==> flow/design.v <==
module storage_rtl #(
    parameter integer ENTRIES = 10,
    parameter integer DATA_WIDTH = 4,
    parameter integer AWIDTH = $clog2(ENTRIES)
) (
    input  sys_clk,
    input  clr,
    input  wr_en,
    input  [AWIDTH-1:0] waddr,
    input  [DATA_WIDTH-1:0] wd,
    input  [AWIDTH-1:0] raddr_a,
    input  [AWIDTH-1:0] raddr_b,
    output [DATA_WIDTH-1:0] dout_a,
    output [DATA_WIDTH-1:0] dout_b
);
    reg wr_en_r;
    always @(posedge sys_clk) begin
        if (clr) begin
            wr_en_r <= 1'b0;
        end else begin
            wr_en_r <= wr_en;
        end
    end
    reg [AWIDTH-1:0] waddr_r;
    always @(posedge sys_clk) begin
        if (clr) begin
            waddr_r <= 0;
        end else begin
            waddr_r <= waddr;
        end
    end
    reg [DATA_WIDTH-1:0] wd_r;
    always @(posedge sys_clk) begin
        if (clr) begin
            wd_r <= 0;
        end else begin
            wd_r <= wd;
        end
    end
    reg [DATA_WIDTH-1:0] bank [0:ENTRIES-1];
    always @(posedge sys_clk) begin
        if (wr_en_r)
            bank[waddr_r] <= wd_r;
    end
    reg [AWIDTH-1:0] raddr_a_r;
    always @(posedge sys_clk) begin
        if (clr) begin
            raddr_a_r <= 0;
        end else begin
            raddr_a_r <= raddr_a;
        end
    end
    reg [AWIDTH-1:0] raddr_b_r;
    always @(posedge sys_clk) begin
        if (clr) begin
            raddr_b_r <= 0;
        end else begin
            raddr_b_r <= raddr_b;
        end
    end
    reg [DATA_WIDTH-1:0] dout_a_r;
    always @(posedge sys_clk) begin
        if (clr) begin
            dout_a_r <= 0;
        end else begin
            dout_a_r <= (wr_en_r && waddr_r == raddr_a_r) ? wd_r : bank[raddr_a_r];
        end
    end
    assign dout_a = dout_a_r;
    reg [DATA_WIDTH-1:0] dout_b_r;
    always @(posedge sys_clk) begin
        if (clr) begin
            dout_b_r <= 0;
        end else begin
            dout_b_r <= (wr_en_r && waddr_r == raddr_b_r) ? wd_r : bank[raddr_b_r];
        end
    end
    assign dout_b = dout_b_r;
endmodule
==> reports on storage_rtl <==
Reports on storage_rtl
Module storage_rtl in several versions that differ in "DATA_WIDTH"; each step lists the members.
The RTL above is that of DATA_WIDTH = 4; lines are counted from 1 in the file of the member named.
Operators carry their Yosys type and port widths (W data, S select, Z words).
Library cell names are shortened.
{"block": "design", "top_module": "storage_rtl", "clock_port": "sys_clk", "library": "sky130hd", "corner": "tt_025C_1v80"}

Members of the sweep
New or changed lines of each further member against the RTL above, in its own file; lines it lacks are not shown.
{"block": "changed_lines", "DATA_WIDTH": 6, "line": 3, "text": "parameter integer DATA_WIDTH = 6,"}
{"block": "changed_lines", "DATA_WIDTH": 20, "line": 3, "text": "parameter integer DATA_WIDTH = 20,"}
{"block": "changed_lines", "DATA_WIDTH": 40, "line": 3, "text": "parameter integer DATA_WIDTH = 40,"}

Word-level counts
Counts by Yosys on the flattened word-level netlist (proc, flatten, opt, wreduce; memories kept). Register bits leave out memories and registers merged into their read ports (data or address); mux counts leave out enables and synchronous resets folded into registers. Print and check cells are left out. Cells with the same type and inputs are merged into one.
Memory sizes are those after Yosys's memory passes, which may raise the word count (mostly to a power of two), join words into wider ones and drop unused or constant bits.
{"block": "classes", "DATA_WIDTH": 4, "add_sub_neg": 0, "n_mul": 0, "div": 0, "cmp": 0, "equal": 0, "shifts": 0, "mux": 3, "n_logic": 0, "n_reduce_logical": 0}
{"block": "classes", "DATA_WIDTH": 6, "add_sub_neg": 0, "n_mul": 0, "div": 0, "cmp": 0, "equal": 0, "shifts": 0, "mux": 3, "n_logic": 0, "n_reduce_logical": 0}
{"block": "classes", "DATA_WIDTH": 20, "add_sub_neg": 0, "n_mul": 0, "div": 0, "cmp": 0, "equal": 0, "shifts": 0, "mux": 3, "n_logic": 0, "n_reduce_logical": 0}
{"block": "classes", "DATA_WIDTH": 40, "add_sub_neg": 0, "n_mul": 0, "div": 0, "cmp": 0, "equal": 0, "shifts": 0, "mux": 3, "n_logic": 0, "n_reduce_logical": 0}
{"block": "ops", "DATA_WIDTH": 4, "op_list": "$mux W4: 2; $mux W1: 1"}
{"block": "ops", "DATA_WIDTH": 6, "op_list": "$mux W6: 1; $mux W4: 1; $mux W1: 1"}
{"block": "ops", "DATA_WIDTH": 20, "op_list": "$mux W20: 1; $mux W4: 1; $mux W1: 1"}
{"block": "ops", "DATA_WIDTH": 40, "op_list": "$mux W40: 1; $mux W4: 1; $mux W1: 1"}
{"block": "bits", "DATA_WIDTH": 4, "reg_bits": 17, "latch_bits": 0, "ramBits": 40, "rom_bits": 0, "clocked_rd_ports_x_width": 8, "mem_count": 1, "in_bits": 19, "output_inout_bits": 8, "elab_cells": 9}
{"block": "bits", "DATA_WIDTH": 6, "reg_bits": 19, "latch_bits": 0, "ramBits": 60, "rom_bits": 0, "clocked_rd_ports_x_width": 12, "mem_count": 1, "in_bits": 21, "output_inout_bits": 12, "elab_cells": 9}
{"block": "bits", "DATA_WIDTH": 20, "reg_bits": 33, "latch_bits": 0, "ramBits": 200, "rom_bits": 0, "clocked_rd_ports_x_width": 40, "mem_count": 1, "in_bits": 35, "output_inout_bits": 40, "elab_cells": 9}
{"block": "bits", "DATA_WIDTH": 40, "reg_bits": 53, "latch_bits": 0, "ramBits": 400, "rom_bits": 0, "clocked_rd_ports_x_width": 80, "mem_count": 1, "in_bits": 55, "output_inout_bits": 80, "elab_cells": 9}
{"block": "memory_table", "DATA_WIDTH": 4, "memory_list": "bank 10x4 r2 w1"}
{"block": "memory_table", "DATA_WIDTH": 6, "memory_list": "bank 10x6 r2 w1"}
{"block": "memory_table", "DATA_WIDTH": 20, "memory_list": "bank 10x20 r2 w1"}
{"block": "memory_table", "DATA_WIDTH": 40, "memory_list": "bank 10x40 r2 w1"}

Depth
Longest topological path by Yosys (ltp), each cell counted once; first at word level (registers and memories cut), then after technology mapping (sequential cells cut; the memories' decode and read muxes count).
{"block": "depth", "DATA_WIDTH": 4, "depth_word": 1, "ABC_AREA": 0, "mapped_depth": 6, "mapped_depth_nobuf": 4}
{"block": "depth", "DATA_WIDTH": 6, "depth_word": 1, "ABC_AREA": 0, "mapped_depth": 7, "mapped_depth_nobuf": 4}
{"block": "depth", "DATA_WIDTH": 20, "depth_word": 1, "ABC_AREA": 0, "mapped_depth": 7, "mapped_depth_nobuf": 4}
{"block": "depth", "DATA_WIDTH": 40, "depth_word": 1, "ABC_AREA": 0, "mapped_depth": 7, "mapped_depth_nobuf": 4}

Netlist
Yosys stat after the flow's synthesis: flattened, memories mapped to cells. It holds for the ABC_AREA given above (unset counts as 0); a run with the other value may have another netlist.
The area totals of this step are shown rounded.
{"block": "synth_totals", "DATA_WIDTH": 4, "stdcells": 196, "synth_area_um2": 2820, "seq_area_um2": 1700, "flip_flops": 65, "buffers": 14}
{"block": "synth_totals", "DATA_WIDTH": 6, "stdcells": 270, "synth_area_um2": 3900, "seq_area_um2": 2420, "flip_flops": 91, "buffers": 19}
{"block": "synth_totals", "DATA_WIDTH": 20, "stdcells": 699, "synth_area_um2": 11400, "seq_area_um2": 7470, "flip_flops": 273, "buffers": 52}
{"block": "synth_totals", "DATA_WIDTH": 40, "stdcells": 1336, "synth_area_um2": 22100, "seq_area_um2": 14700, "flip_flops": 533, "buffers": 109}
{"block": "by_type", "DATA_WIDTH": 4, "cell_types": "edfxtp_1: 40; dfxtp_1: 25; mux4_2: 8; mux2i_1: 12; nor2b_1: 19; mux4_1: 4; mux2_2: 6; o221ai_1: 6; xor2_1: 6; a22oi_1: 6; nor2_1: 9; nand3_1: 6; buf_2: 5; nor3_1: 5; o21ai_0: 5; buf_6: 2; nand4b_1: 2; xnor2_1: 2; (+28)"}
{"block": "by_type", "DATA_WIDTH": 6, "cell_types": "edfxtp_1: 60; dfxtp_1: 31; mux4_2: 13; mux2i_1: 21; nor2b_1: 24; mux2_2: 10; o221ai_1: 10; a22oi_1: 10; xnor2_1: 8; nand3_1: 11; o21ai_0: 11; mux4_1: 2; clkbuf_1: 9; nor2_1: 8; buf_2: 5; buf_6: 2; nor3_1: 4; nand2b_1: 3; (+28)"}
{"block": "by_type", "DATA_WIDTH": 20, "cell_types": "edfxtp_1: 200; dfxtp_1: 73; mux4_2: 42; mux2i_1: 76; mux2_2: 38; o221ai_1: 38; a22oi_1: 38; o22ai_1: 38; nor2b_1: 33; buf_2: 20; nand2_1: 25; clkbuf_1: 18; buf_4: 8; buf_6: 5; mux4_1: 2; xor2_1: 6; nor2_1: 9; o21ai_4: 2; (+28)"}
{"block": "by_type", "DATA_WIDTH": 40, "cell_types": "edfxtp_1: 400; dfxtp_1: 133; mux4_2: 80; mux2i_1: 156; mux2_2: 78; o221ai_1: 78; a22oi_1: 78; o22ai_1: 78; nor2b_1: 53; buf_2: 37; nand2_1: 45; clkbuf_1: 38; buf_4: 16; mux4_1: 4; buf_6: 6; xor2_1: 6; buf_1: 11; nor3_1: 7; (+32)"}
The mark (+n) counts cells that are not listed.

Timing after synthesis
Path of least setup slack by OpenSTA after synthesis, without wires, with an ideal clock, recovery checks aside; 20% of the period is set as input and as output delay. Where synthesis merged equal registers, the netlist keeps one of their names.
{"block": "synth_timing", "DATA_WIDTH": 4, "path_type": "reg-to-reg", "start": "register raddr_b_r[1]", "end": "register dout_b_r[3]", "clock_period_ns": 2.16, "path_slack_ns": 0.431, "path_stages": 6, "path_delay_ns": 1.729, "period_less_setup_slack_ns": 1.729}
{"block": "synth_timing", "DATA_WIDTH": 6, "path_type": "reg-to-reg", "start": "register wr_en_r", "end": "memory bank[0][0]", "clock_period_ns": 2.15, "path_slack_ns": 0.431, "path_stages": 3, "path_delay_ns": 1.719, "period_less_setup_slack_ns": 1.719}
{"block": "synth_timing", "DATA_WIDTH": 20, "path_type": "reg-to-reg", "start": "register wr_en_r", "end": "memory bank[0][0]", "clock_period_ns": 3.46, "path_slack_ns": 0.695, "path_stages": 4, "path_delay_ns": 2.765, "period_less_setup_slack_ns": 2.765}
{"block": "synth_timing", "DATA_WIDTH": 40, "path_type": "reg-to-reg", "start": "register wr_en_r", "end": "memory bank[0][0]", "clock_period_ns": 5.21, "path_slack_ns": 1.039, "path_stages": 4, "path_delay_ns": 4.170, "period_less_setup_slack_ns": 4.171}
"path_delay_ns" = arrival - input delay + setup time.
"path_stages" counts driving pins, that of a launching flip-flop among them; a cell with two outputs on the path counts twice.
"period_less_setup_slack_ns" is the clock period less the worst setup slack; recovery checks do not enter. This is arithmetic on one report: input and output delays are still those of the set period (20% each).
Between the ends stands the longest chain of elaborated cells between them, by number of cells; it is not shown to be the way that was timed. Of several equally long chains one is given.
Each line given opens the expression or statement behind the cell; cells for indexed reads and writes are added by Yosys, which also makes memories of some case tables.
{"block": "synth_lines_DATA_WIDTH_4", "item": "start, declared", "line": 53, "text": "reg [AWIDTH-1:0] raddr_b_r;"}
{"block": "synth_lines_DATA_WIDTH_4", "item": "start, assigned", "line": 56, "text": "raddr_b_r <= 0;"}
{"block": "synth_lines_DATA_WIDTH_4", "item": "start, assigned", "line": 58, "text": "raddr_b_r <= raddr_b;"}
{"block": "synth_lines_DATA_WIDTH_4", "item": "end, declared", "line": 70, "text": "reg [DATA_WIDTH-1:0] dout_b_r;"}
DATA_WIDTH = 4: Chain of elaborated cells between the ends: none given.
DATA_WIDTH = 40: Only ways into the end's enable, where the timed path ends, are counted here.
{"block": "synth_between_DATA_WIDTH_40", "elab_chain_len": 1}
{"block": "synth_lines_DATA_WIDTH_40", "item": "start, declared", "line": 16, "text": "reg wr_en_r;"}
{"block": "synth_lines_DATA_WIDTH_40", "item": "start, assigned", "line": 19, "text": "wr_en_r <= 1'b0;"}
{"block": "synth_lines_DATA_WIDTH_40", "item": "start, assigned", "line": 21, "text": "wr_en_r <= wr_en;"}
{"block": "synth_lines_DATA_WIDTH_40", "item": "$mux W4", "line": 42, "text": "if (wr_en_r)"}
{"block": "synth_lines_DATA_WIDTH_40", "item": "end, declared", "line": 40, "text": "reg [DATA_WIDTH-1:0] bank [0:ENTRIES-1];"}

Worst path after layout
From the final timing report of the run of each member: the path of least setup slack in the routed layout; clock arrival at registers is part of the times.
{"block": "layout_timing", "DATA_WIDTH": 4, "path_type": "reg-to-reg", "start": "register raddr_a_r[1]", "end": "register dout_a_r[1]", "clock_period_ns": 2.16, "path_slack_ns": 0.28, "path_stages": 5, "arrival_ns": 2.09, "path_buffers": 0}
{"block": "layout_timing", "DATA_WIDTH": 6, "path_type": "reg-to-reg", "start": "register raddr_b_r[1]", "end": "register dout_b_r[4]", "clock_period_ns": 2.15, "path_slack_ns": 0.36, "path_stages": 5, "arrival_ns": 2.04, "path_buffers": 0}
{"block": "layout_timing", "DATA_WIDTH": 20, "path_type": "reg-to-reg", "start": "register raddr_a_r[2]", "end": "register dout_a_r[2]", "clock_period_ns": 3.46, "path_slack_ns": 1.05, "path_stages": 5, "arrival_ns": 2.80, "path_buffers": 1}
{"block": "layout_timing", "DATA_WIDTH": 40, "path_type": "reg-to-reg", "start": "register raddr_a_r[2]", "end": "register dout_a_r[7]", "clock_period_ns": 5.21, "path_slack_ns": 2.23, "path_stages": 6, "arrival_ns": 3.50, "path_buffers": 1}

Flow runs
Settings and results of one run of the flow (Yosys, OpenROAD) for each member follow. The constraints put input and output delay at 20% of the set period each and load the outputs with 0.01 pF.
{"block": "flow_settings", "CAP_MARGIN": 20, "CORE_MARGIN": 2, "CORE_UTILIZATION": 40, "SLEW_MARGIN": 20}
{"block": "settings_diff", "DATA_WIDTH": 4, "period_ns": 2.16}
{"block": "settings_diff", "DATA_WIDTH": 6, "period_ns": 2.15}
{"block": "settings_diff", "DATA_WIDTH": 20, "period_ns": 3.46}
{"block": "settings_diff", "DATA_WIDTH": 40, "period_ns": 5.21}
{"block": "results", "DATA_WIDTH": 4, "post_synth_area_um2": 2820, "die_area_um2": 7750, "post_route_stdcell_area_um2": 3340, "layout_utilization_pct": 49.0, "setup_worst_slack_ns": 0.278, "setup_tns_ns": 0.000, "timing.hold.ws_ns": 0.641, "power_mw": 2.51, "achieved_clock_period_ns": 1.882}
{"block": "results", "DATA_WIDTH": 6, "post_synth_area_um2": 3900, "die_area_um2": 10600, "post_route_stdcell_area_um2": 4650, "layout_utilization_pct": 48.3, "setup_worst_slack_ns": 0.358, "setup_tns_ns": 0.000, "timing.hold.ws_ns": 0.614, "power_mw": 3.68, "achieved_clock_period_ns": 1.792}
{"block": "results", "DATA_WIDTH": 20, "post_synth_area_um2": 11400, "die_area_um2": 29800, "post_route_stdcell_area_um2": 13500, "layout_utilization_pct": 48.2, "setup_worst_slack_ns": 1.05, "setup_tns_ns": 0.000, "timing.hold.ws_ns": 0.611, "power_mw": 7.19, "achieved_clock_period_ns": 2.413}
{"block": "results", "DATA_WIDTH": 40, "post_synth_area_um2": 22100, "die_area_um2": 57200, "post_route_stdcell_area_um2": 26000, "layout_utilization_pct": 47.4, "setup_worst_slack_ns": 2.23, "setup_tns_ns": 0.000, "timing.hold.ws_ns": 0.610, "power_mw": 9.59, "achieved_clock_period_ns": 2.978}
"achieved_clock_period_ns": clock period set for the run, less the worst setup slack. It is reckoned from that one timing run; input and output delays stay at 20% of the period that was set.
"power_mw" rests on the timing tool's default activity at the inputs, not on a simulated workload.
The results are shown rounded.
